==> flow/design.v <==
module sync_switch_stage #(
  parameter integer DWIDTH = 12,
  parameter integer NUM = 6
) (
  input wire sys_clk,
  input wire RSTN,
  input wire [NUM*DWIDTH-1:0] val,
  input wire [NUM-1:0] addr,
  output reg [DWIDTH-1:0] z_o
);
  reg [NUM*DWIDTH-1:0] val_d1;
  reg [NUM-1:0] addr_d1;
  always @(posedge sys_clk) begin
    if (~RSTN) begin
      val_d1 <= 0;
      addr_d1 <= 0;
    end else begin
      val_d1 <= val;
      addr_d1 <= addr;
    end
  end
  reg [DWIDTH-1:0] tmp;
  integer i;
  always @(*) begin
    tmp = 0;
    for (i = NUM-1; i >= 0; i = i - 1)
      if (addr_d1[i]) tmp = val_d1[i*DWIDTH +: DWIDTH];
  end
  always @(posedge sys_clk) begin
    if (~RSTN) begin
      z_o <= 0;
    end else begin
      z_o <= tmp;
    end
  end
endmodule
# Reports on sync_switch_stage
# Tool output for the design above, in the order of the flow.
# Line numbers count from 1 in the design file above.
# Cell names lack the library's common part.
# A cell with n/a has no value.
# setup
design	sync_switch_stage
clock	sys_clk
lib	sky130hd
corner	tt_025C_1v80

# Elaborated design
# Counts by Yosys on the flattened word-level netlist (proc, flatten, opt, wreduce; memories kept). Register bits leave out memories and registers merged into their read ports (data or address); mux counts leave out enables and synchronous resets folded into registers. Print and check cells are left out. Cells with the same type and inputs are merged into one.
# classes
n_addsub	0
n_reduce_logical	0
n_logic	0
shifts	0
n_mul	0
div	0
compare	0
eq_ne	0
muxes	6
# ops
cell	count
two-way mux 12 bit	6
# bits
wordCells	9
clocked_rd_ports_x_width	0
romBits	0
mem_count	0
mem_bits_rw	0
reg_bits	90
latch_bits	0

# Depth
# Depth = most cells in a row (Yosys ltp): at word level without a register or memory, in the mapped netlist without a sequential cell, where the memories' decode and read muxes count.
# logic_depth
ltp_word	6
abc_area	0
mapped_depth	4
depth_no_buf	3

# Mapped cells and area
# Yosys stat after the flow's synthesis: flattened, memories mapped to cells. It holds for the ABC_AREA given above (unset counts as 0); a run with the other value may have another netlist.
# The area totals of this step are shown rounded.
# synth_totals
cell_count	265
area_um2	2927
seq_area_um2	1802
ff_cells	90
# by_type
cell_type	count	type_area_um2
dfxtp_1	90	1.8E+03
and2_1	78	487.968
and3b_1	12	105.101
o221ai_1	12	105.101
a221oi_1	11	96.342
a21o_1	12	90.086
a21oi_1	12	60.058
o21ai_0	12	60.058
clkbuf_1	11	41.29
buf_2	7	35.034
buf_4	1	7.507
inv_1	2	7.507
nand3b_1	1	7.507
a31oi_1	1	6.256
nor2b_1	1	6.256
clkbuf_2	1	5.005
nor2_1	1	3.754

# Worst setup path after synthesis
# Source: OpenSTA report_checks on the synthesized netlist (no wires, ideal clock, input and output delay 20% of the period each), path of least setup slack; recovery checks are left aside. Register names are those of the netlist, which keeps one name where synthesis merged equal registers.
# synth_timing
path_type	reg-to-reg
start	reg addr_d1[1]
end	reg z_o[0]
stages	5
path_delay_ns	1.027
t_first_pin_ns	0.000
setup_slack_ns	0.253
arrival_ns	0.899
clock_period_ns	1.28
synth_period_reached_ns	1.027
# "path_delay_ns" = arrival - input delay + setup time.
# "stages" counts driving pins, that of a launching flip-flop among them; a cell with two outputs on the path counts twice.
# "synth_period_reached_ns" is the clock period less the worst setup slack; recovery checks do not enter. This is arithmetic on one report: input and output delays are still those of the set period (20% each).
# Between the ends stands the longest chain of elaborated cells between them, by number of cells; it is not shown to be the way that was timed. Of several equally long chains one is given.
# Each line given opens the expression or statement behind the cell; cells for indexed reads and writes are added by Yosys, which also makes memories of some case tables.
# synth_between
path_cell_list	dfxtp_1 nor2b_1 buf_2 a221oi_1 a21oi_1
elab_chain_cells	2
cells_between	2
cone_lines	1
# synth_lines
element	line_no	source
from (decl)	12	reg [NUM-1:0] addr_d1;
from (assign)	16	addr_d1 <= 0;
from (assign)	19	addr_d1 <= addr;
two-way mux 12 bit (2 in a row)	27	if (addr_d1[i]) tmp = val_d1[i*DWIDTH +: DWIDTH];
to (assign)	31	z_o <= 0;
to (assign)	33	z_o <= tmp;
to (decl)	9	output reg [DWIDTH-1:0] z_o

# Timing after layout
# From the final timing report of stored run 1: the path of least setup slack in the routed layout; clock arrival at registers is part of the times.
# layout_timing
path_type	reg-to-reg
start	reg addr_d1[3]
end	reg z_o[10]
stages	4
arrival_ns	1.34
t_first_pin_ns	0.34
setup_slack_ns	-0.22
clock_period_ns	0.9
# Between the ends stands the longest chain of elaborated cells between them, by number of cells; it is not shown to be the way that was timed. Of several equally long chains one is given.
# layout_between
path_cell_list	dfxtp_4 clkinvlp_4 o221ai_2 a31oi_1
elab_chain_cells	4
cells_between	4
cone_lines	1
# layout_lines
element	line_no	source
from (decl)	12	reg [NUM-1:0] addr_d1;
from (assign)	16	addr_d1 <= 0;
from (assign)	19	addr_d1 <= addr;
two-way mux 12 bit (4 in a row)	27	if (addr_d1[i]) tmp = val_d1[i*DWIDTH +: DWIDTH];
to (assign)	31	z_o <= 0;
to (assign)	33	z_o <= tmp;
to (decl)	9	output reg [DWIDTH-1:0] z_o

# Design sync_switch_stage on sky130hd. What follows are 3 stored runs of the flow, each under its own settings; their order means nothing. The constraints put input and output delay at 20% of the set period each and load the outputs with 0.01 pF.
# "period_reached_ns": clock period set for the run, less the worst setup slack. It is reckoned from that one timing run; input and output delays stay at 20% of the period that was set.
# "worst_path_ns" is the time allowed to the run's worst setup path (the clock period less input and output delay, where it has them) less its slack. Clock arrival times count: a late capture clock shortens it, a late launch clock lengthens it.
# "totalPower_mw": no workload was simulated; the value follows from the tool's default switching activity.
# Measured values are rounded.
# Settings: -- = not set for that run.
run name	period_ns	CORE_UTILIZATION	SETUP_SLACK_MARGIN	PLACE_DENSITY	HOLD_SLACK_MARGIN	CORE_MARGIN	CELL_PAD_IN_SITES_GLOBAL_PLACEMENT	GPL_ROUTABILITY_DRIVEN	CAP_MARGIN	MAX_ROUTING_LAYER	SLEW_MARGIN	CORE_ASPECT_RATIO	CELL_PAD_IN_SITES_DETAIL_PLACEMENT	TNS_END_PERCENT	ABC_AREA	CTS_CLUSTER_SIZE	stdcell_area_um2	fin_hold_ws_ns	design.die.area_um2	layout_utilization_pct	worst_path_ns	timing.worst_path_kind	synth_area_um2	totalPower_mw	worstSetupSlack_ns	period_reached_ns
stored run 1	0.9	16	0.18	0.51	0.27	2	2	1	10	met5	20	--	--	--	--	--	4802	0.211	19390	26.7	1.12	reg-to-reg	2927	8.721	-0.215	1.115
stored run 2	1.28	40	--	--	--	2	--	--	20	--	20	--	--	--	--	--	4185	0.299	8017	58.3	0.95	reg-to-output	2927	5.779	0.070	1.210
stored run 3	0.66	27	--	0.76	--	2	1	1	20	--	20	1.43	2	15	0	59	4722	0.262	11700	44.6	1.18	reg-to-reg	2927	12.48	-0.519	1.179
